==> flow/design.v <==
module mul_top #(
    parameter XLEN = 20,
    parameter K = 2
) (
    input logic aclk,
    input logic rst,
    input logic ce,
    input logic [XLEN-1:0] x,
    input logic [K-1:0] y,
    output logic [XLEN+K-1:0] m
);
    logic [XLEN-1:0] x_reg;
    logic [K-1:0] y_reg;
    always_ff @(posedge aclk) begin
        if (rst) begin
            x_reg <= 0;
            y_reg <= 0;
            m <= 0;
        end else if (ce) begin
            x_reg <= x;
            y_reg <= y;
            m <= x_reg * y_reg;
        end
    end
endmodule
**Tool chain data of mul_top**

Module mul_top in several versions that differ in "K"; each step lists the members.
The RTL above is that of K = 2; lines are counted from 1 in the file of the member named.
Operators carry their Yosys type and port widths (W data, S select, Z words).
Cell names lack the library's common part.
A cell with - has no value.

- Top: mul_top
- Clock port: aclk
- Standard-cell library: sky130hd
- Corner: tt_025C_1v80

**Source of the members**

Lines of each other member's file that are new or changed against the file above; lines that a member lacks are not shown.

Lines new or changed:

| K | line | text |
|---|---|---|
| 4 | 3 | `parameter K = 4` |
| 5 | 3 | `parameter K = 5` |
| 6 | 3 | `parameter K = 6` |
| 8 | 3 | `parameter K = 8` |
| 12 | 3 | `parameter K = 12` |

**Elaborated design**

Yosys after proc, flatten, opt, wreduce and memory -nomap, before mapping. Enables and synchronous resets that opt folds into registers are not counted as muxes. Memory bits, and registers merged into a memory's read port (data or address), are not among the register bits. Print and check cells are not counted. Equal cells are merged and count once.

Operators by class:

| K | multiply operators |
|---|---|
| 2 | 1 |
| 4 | 1 |
| 5 | 1 |
| 6 | 1 |
| 8 | 1 |
| 12 | 1 |

Operators with widths:

| K | kind and count |
|---|---|
| 2 | $mul A20 B2 Y22: 1 |
| 4 | $mul A20 B4 Y24: 1 |
| 5 | $mul A20 B5 Y25: 1 |
| 6 | $mul A20 B6 Y26: 1 |
| 8 | $mul A20 B8 Y28: 1 |
| 12 | $mul A20 B12 Y32: 1 |

Word-level totals:

| K | bits in registers | cells after elaboration |
|---|---|---|
| 2 | 44 | 4 |
| 4 | 48 | 4 |
| 5 | 50 | 4 |
| 6 | 52 | 4 |
| 8 | 56 | 4 |
| 12 | 64 | 4 |

**Longest topological paths**

Depth = most cells in a row (Yosys ltp): at word level without a register or memory, in the mapped netlist without a sequential cell, where the memories' decode and read muxes count.

Logic depth:

| K | depth after elaboration | ABC_AREA | gate-level depth with buffers | mapped depth without buffers |
|---|---|---|---|---|
| 2 | 1 | 0 | 10 | 9 |
| 4 | 1 | 0 | 14 | 12 |
| 5 | 1 | 0 | 17 | 16 |
| 6 | 1 | 0 | 16 | 15 |
| 8 | 1 | 0 | 19 | 17 |
| 12 | 1 | 0 | 20 | 18 |

**After synthesis**

Source: synth_stat.txt of the flow (Yosys; design flattened, memories mapped). It holds for the ABC_AREA given above (unset counts as 0); a run with the other value may have another netlist.

Mapped netlist:

| K | mapped cells | mapped area (um^2) | sequential area (um^2) | flip-flop cells |
|---|---|---|---|---|
| 2 | 326 | 2816.5 | 880.8 | 44 |
| 4 | 516 | 4346.7 | 960.9 | 48 |
| 5 | 570 | 4911.0 | 1001.0 | 50 |
| 6 | 650 | 5730.5 | 1041.0 | 52 |
| 8 | 774 | 6986.7 | 1121.1 | 56 |
| 12 | 1151 | 9998.3 | 1281.2 | 64 |

Cell types:

| K | types with counts |
|---|---|
| 2 | dfxtp_1: 44; mux2i_1: 30; and2_1: 38; ha_1: 19; nor2_1: 41; a21oi_1: 19; a21o_1: 8; nand2_1: 15; o21ai_0: 9; nand2b_1: 7; xnor2_1: 5; clkbuf_1: 11; o211ai_1: 5; or3b_2: 4; nand3_1: 6; a32oi_4: 1; o311ai_1: 3; xor2_1: 3; [+58] |
| 4 | dfxtp_1: 48; fa_1: 36; ha_1: 28; mux2i_1: 34; and2_1: 54; inv_1: 73; nand2_1: 48; nor2_1: 42; a21oi_1: 23; xnor2_1: 9; nand2b_1: 11; a21o_1: 9; clkbuf_1: 17; o21ai_0: 9; a211oi_1: 5; nor3b_1: 5; buf_6: 3; o22ai_1: 5; [+57] |
| 5 | fa_1: 54; dfxtp_1: 50; and2_1: 72; ha_1: 33; mux2i_1: 38; inv_1: 78; nor2_1: 60; nand2_1: 46; a21oi_1: 19; xnor2_1: 10; clkbuf_1: 23; xor2_1: 9; a21o_1: 7; a211oi_1: 6; a211oi_2: 3; nand4_1: 6; a31oi_1: 5; o21ai_1: 6; [+45] |
| 6 | fa_1: 73; dfxtp_1: 52; and2_1: 113; ha_1: 34; mux2i_1: 39; inv_1: 103; nor2_1: 53; nand2_1: 33; xnor2_1: 14; a21oi_1: 16; clkbuf_1: 19; a21o_1: 9; o21ai_0: 13; nand2b_1: 7; buf_2: 7; nand3_1: 6; a221oi_4: 1; nand4_1: 4; [+54] |
| 8 | fa_1: 108; dfxtp_1: 56; and2_1: 117; ha_1: 48; inv_1: 104; mux2i_1: 39; nand2_1: 71; nor2_1: 46; a21oi_1: 28; xnor2_1: 14; clkbuf_1: 24; nand2b_1: 10; o21ai_0: 12; o21ai_1: 10; nand3_1: 9; xor2_1: 5; buf_4: 5; o22ai_1: 5; [+63] |
| 12 | fa_1: 180; dfxtp_1: 64; ha_1: 70; inv_1: 218; nand2_1: 195; mux2i_1: 43; and2_1: 66; nor2_1: 59; clkbuf_1: 52; a21oi_1: 33; o21ai_0: 21; a21o_1: 13; xnor2_1: 11; o211ai_1: 7; o21a_1: 7; nand3_1: 9; nand2b_1: 7; or3_1: 7; [+89] |

A list marked [+n] leaves out that many cells.

**Timing after synthesis**

Source: OpenSTA report_checks on the synthesized netlist (no wires, ideal clock, input and output delay 20% of the period each), path of least setup slack; recovery checks are left aside. Register names are those of the netlist, which keeps one name where synthesis merged equal registers.

Timing post-synthesis:

| K | path type | from | to | clock period (ns) | setup slack (ns) | stages | delay of the path (ns) | synthesis period reached (ns) |
|---|---|---|---|---|---|---|---|---|
| 2 | register to register | register y_reg[1] | register m[19] | 3.17 | 0.634 | 11 | 2.536 | 2.536 |
| 4 | register to register | register y_reg[3] | register m[20] | 4.46 | 0.887 | 14 | 3.572 | 3.573 |
| 5 | register to register | register y_reg[3] | register m[24] | 5.14 | 1.026 | 18 | 4.115 | 4.114 |
| 6 | register to register | register y_reg[4] | register m[25] | 4.98 | 0.997 | 15 | 3.983 | 3.983 |
| 8 | register to register | register y_reg[2] | register m[14] | 5.49 | 1.098 | 17 | 4.392 | 4.392 |
| 12 | register to register | register y_reg[3] | register m[26] | 6.26 | 1.249 | 18 | 5.010 | 5.011 |

"delay of the path" is the arrival time less input delay plus setup time.
"stages" counts driving pins, that of a launching flip-flop among them; a cell with two outputs on the path counts twice.
"synthesis period reached" is the clock period less the worst setup slack; recovery checks do not enter. This is arithmetic on one report: input and output delays are still those of the set period (20% each).
The rows between start and end are the longest chain of elaborated cells between them; the timing report does not say that the signal goes this way. Where chains are equally long, one stands for them.
A line is the first line of the expression or statement that the cell stems from. Yosys adds cells for indexed reads and writes and turns some case tables into memories.

Between the ends, post-synthesis, K = 2:
- Cells in the longest elaborated chain: 1

RTL lines, path post-synthesis, K = 2:

| item | line | text |
|---|---|---|
| start, declared | 13 | `logic [K-1:0] y_reg;` |
| start, assigned | 17 | `y_reg <= 0;` |
| start, assigned | 21 | `y_reg <= y;` |
| $mul A20 B2 Y22 | 22 | `m <= x_reg * y_reg;` |
| end, assigned | 18 | `m <= 0;` |
| end, assigned | 22 |  |
| end, declared | 10 | `output logic [XLEN+K-1:0] m` |

Between the ends, post-synthesis, K = 12:
- Cells in the longest elaborated chain: 1

RTL lines, path post-synthesis, K = 12:

| item | line | text |
|---|---|---|
| start, declared | 13 | `logic [K-1:0] y_reg;` |
| start, assigned | 17 | `y_reg <= 0;` |
| start, assigned | 21 | `y_reg <= y;` |
| $mul A20 B12 Y32 | 22 | `m <= x_reg * y_reg;` |
| end, assigned | 18 | `m <= 0;` |
| end, assigned | 22 |  |
| end, declared | 10 | `output logic [XLEN+K-1:0] m` |

**Worst path after layout**

From the final timing report of each member's run: the path of least setup slack in the routed layout; clock arrival at registers is part of the times.

Timing post-layout:

| K | path type | from | to | clock period (ns) | setup slack (ns) | stages | arrival time (ns) | buffers on the path |
|---|---|---|---|---|---|---|---|---|
| 2 | register to register | register y_reg[1] | register m[19] | 3.17 | 0.28 | 10 | 3.11 | 0 |
| 4 | register to register | register y_reg[3] | register m[20] | 4.46 | 0.56 | 13 | 4.11 | 0 |
| 5 | register to register | register y_reg[3] | register m[24] | 5.14 | 0.48 | 16 | 4.85 | 0 |
| 6 | register to register | register y_reg[4] | register m[19] | 4.98 | 0.33 | 15 | 4.84 | 0 |
| 8 | register to register | register y_reg[4] | register m[21] | 5.49 | 0.50 | 15 | 5.17 | 0 |
| 12 | register to register | register y_reg[4] | register m[31] | 6.26 | 0.53 | 17 | 5.97 | 0 |

**Measured runs**

One run of the flow (Yosys, OpenROAD) for each member, with settings and measured results. Input and output delays are each 20% of the period that was set; the output load is 0.01 pF.

- CAP_MARGIN: 20
- CORE_MARGIN: 2
- CORE_UTILIZATION: 40
- SLEW_MARGIN: 20

Settings that differ:

| K | period_ns |
|---|---|
| 2 | 3.17 |
| 4 | 4.46 |
| 5 | 5.14 |
| 6 | 4.98 |
| 8 | 5.49 |
| 12 | 6.26 |

Final reports:

| K | synthesized cell area (um^2) | total die area (um^2) | standard-cell area after layout (um^2) | post-layout utilization | worst setup slack after layout (ns) | summed negative setup slack (ns) | smallest hold slack (ns) | power (uW) | reached clock period (ns) |
|---|---|---|---|---|---|---|---|---|---|
| 2 | 2816.5 | 7728.2 | 3447.1 | 0.507 | 0.281 | 0.000 | 0.470 | 1107 | 2.889 |
| 4 | 4346.7 | 11717.0 | 5081.1 | 0.475 | 0.556 | 0.000 | 0.471 | 1098 | 3.904 |
| 5 | 4911.0 | 13180.2 | 5664.2 | 0.472 | 0.476 | 0.000 | 0.457 | 1004 | 4.664 |
| 6 | 5730.5 | 15299.2 | 6513.8 | 0.467 | 0.333 | 0.000 | 0.451 | 1097 | 4.647 |
| 8 | 6986.7 | 18539.5 | 7858.8 | 0.458 | 0.498 | 0.000 | 0.455 | 1135 | 4.992 |
| 12 | 9998.3 | 26276.4 | 11165.7 | 0.456 | 0.532 | 0.000 | 0.449 | 1462 | 5.728 |

By "reached clock period" is meant the clock period of the run minus its worst setup slack. This is arithmetic on one report: input and output delays are still those of the set period (20% each).
By "power" is meant OpenSTA's value without simulated activity: inputs other than the clock are taken to toggle once in ten clock periods, and the tool carries that through the logic.
